==> flow/design.v <==
module dp_scratch_blk #(
    parameter integer DEPTH = 6,
    parameter integer DATA_W = 12,
    parameter integer NR = 5,
    parameter integer AWIDTH = $clog2(DEPTH)
) (
    input  logic sys_clk,
    input  logic i_wr,
    input  logic [AWIDTH-1:0] i_wa,
    input  logic [DATA_W-1:0] i_din,
    input  logic [NR*AWIDTH-1:0] i_read_addr,
    output logic [NR*DATA_W-1:0] o_rd_data
);
    logic r_wr;
    logic [AWIDTH-1:0] r_wa;
    logic [DATA_W-1:0] r_din;
    always_ff @(posedge sys_clk) begin
        r_wr <= i_wr;
        r_wa <= i_wa;
        r_din <= i_din;
    end
    logic [DATA_W-1:0] rf [DEPTH-1:0];
    always_ff @(posedge sys_clk) begin
        if (r_wr)
            rf[r_wa] <= r_din;
    end
    logic [NR*AWIDTH-1:0] r_read_addr;
    always_ff @(posedge sys_clk) begin
        r_read_addr <= i_read_addr;
    end
    logic [NR*DATA_W-1:0] cur;
    for (genvar j = 0; j < NR; j++) begin : stage
        assign cur[j*DATA_W +: DATA_W] = rf[r_read_addr[j*AWIDTH +: AWIDTH]];
    end
    assign o_rd_data = cur;
endmodule
# Tool chain data of dp_scratch_blk
# The steps from the RTL of dp_scratch_blk to its reports follow in flow order.
# Lines are those of the file above, counted from 1.
# Cell names lack the library's common part.
# The mark -- stands for no value.
# setup
top_module	dp_scratch_blk
clock	sys_clk
lib	sky130hd
corner	tt_025C_1v80

# Word level
# Source: Yosys, flattened and elaborated, memories not mapped. Widths are those after wreduce; folded enables and synchronous resets count as part of the registers. Registers that Yosys merges into a memory's read port (data or address) are not register bits. Print and check cells do not count. Equal cells are merged and count once.
# Yosys's memory passes give these memory sizes; they may raise the number of words (mostly to a power of two), join words into wider ones and drop unused or constant bits.
# word_totals
ff_bits	16
ram_bits	72
clocked_rd_ports_x_width	60
mem_count	1
input_bits	32
output_inout_bits	60
elab_cells	7
# memory_table
name	words	width	read_ports	write_ports	line_no	text
rf	6	12	5	1	22	logic [DATA_W-1:0] rf [DEPTH-1:0];
# classes
n_mux	3
# ops
cell	count
two-way mux 12 bit	1
two-way mux 3 bit	1
two-way mux 1 bit	1

# Logic depth
# Longest topological path by Yosys (ltp), each cell counted once; first at word level (registers and memories cut), then after technology mapping (sequential cells cut; the memories' decode and read muxes count).
# logic_depth
word_depth	1
ABC_AREA	0
depth_mapped	4
depth_no_buf	2

# After synthesis
# The flow's flattened synthesis, as Yosys stat reports it; memories are mapped. The netlist is that of the ABC_AREA named above (0 if unset); the other value can give another one.
# mapped
cell_count	318
yosys_area_mm2	0.0057455
sequential_area_mm2	0.0027827
flip_flops	103
n_buf	25
# types
cell	count	area_total_um2
edfxtp_1	72	2.16E+03
mux4_2	60	1.35E+03
mux2_2	86	968.429
dfxtp_1	31	620.595
mux2_1	34	382.867
buf_6	15	168.912
buf_2	5	25.024
clkbuf_1	5	18.768
nand2b_1	3	18.768
nor2_1	4	15.014
nor3_1	2	10.01
nand2_1	1	3.754

# Timing after synthesis
# Source: OpenSTA report_checks on the synthesized netlist (no wires, ideal clock, input and output delay 20% of the period each), path of least setup slack; recovery checks are left aside. Register names are those of the netlist, which keeps one name where synthesis merged equal registers.
# synth_path
path_type	flip-flop to output port
start	register (no name shown)
end	output port o_rd_data[10]
period_ps	2140
out_delay_ps	428
t_first_pin_ps	0
arrival_time_ps	1351
t_required_ps	1712
path_slack_ps	361
delay_ps	1351
driving_pins	5
path_buffers	2
period_less_setup_slack_ps	1779
# "delay_ps" = arrival - input delay + setup time.
# A path that ends at an output port has no setup time.
# "driving_pins" counts driving pins, that of a launching flip-flop among them; a cell with two outputs on the path counts twice.
# "period_less_setup_slack_ps" is the clock period less the worst setup slack; recovery checks do not enter. This is arithmetic on one report: input and output delays are still those of the set period (20% each).
# synth_between
cell_sequence	dfxtp_1 -> buf_6 -> buf_6 -> mux2_2 -> mux4_2
# synth_lines
item	line_no	text
end, declared	12	output logic [NR*DATA_W-1:0] o_rd_data
# No chain of elaborated cells between the ends is given.

# Worst path after layout
# Path of least setup slack in the final report of job 1 (OpenROAD, finished layout, wires in). Where an end is a register, its clock arrival counts in the times.
# The report prints the path's times to 10 ps; the period is as set.
# layout_path
path_type	flip-flop to output port
start	register (no name shown)
end	output port o_rd_data[22]
period_ps	1430
out_delay_ps	290
t_first_pin_ps	350
arrival_time_ps	1930
t_required_ps	1140
path_slack_ps	-790
driving_pins	6
path_buffers	3
# layout_between
cell_sequence	dfxtp_4 -> buf_12 -> buf_16 -> mux2_4 -> mux4_2 -> buf_6
# layout_lines
item	line_no	text
end, declared	12	output logic [NR*DATA_W-1:0] o_rd_data
# No chain of elaborated cells between the ends is given.

# dp_scratch_blk through Yosys and OpenROAD on sky130hd: 3 stored runs, unordered, with their settings and measured results. The constraints put input and output delay at 20% of the set period each and load the outputs with 0.01 pF.
# By "critical_path_time_ps" is meant the share of the clock period that the worst setup path is allowed (20% is reserved at inputs, 20% at outputs), minus its slack. Clock arrival times at its registers enter into it.
# "critical_path_time_ps" is given in steps of 10 ps.
# Settings: -- = not set for that run.
stored run	period_ns	CORE_UTILIZATION	PLACE_DENSITY_LB_ADDON	CORE_MARGIN	CELL_PAD_IN_SITES_DETAIL_PLACEMENT	CAP_MARGIN	SLEW_MARGIN	SETUP_SLACK_MARGIN	MIN_ROUTING_LAYER	holdWs_ps	setupTns_ps	total_die_area_mm2	critical_path_time_ps	worst_setup_path_type	cell_area_final_mm2	synth_chip_area_mm2	final_setup_ws_ps
job 1	1.43	40	0.07	3	1	40	35	--	--	369	-43175	0.0158382	1930	flip-flop to output port	0.0082429	0.0057455	-790
job 2	2.14	40	--	2	--	20	20	--	--	512	-9260	0.0153388	1960	flip-flop to output port	0.0082054	0.0057455	-244
job 3	1.52	19	0.09	10	--	35	20	0.34	met2	379	-41959	0.0375953	1990	flip-flop to output port	0.0089211	0.0057455	-774
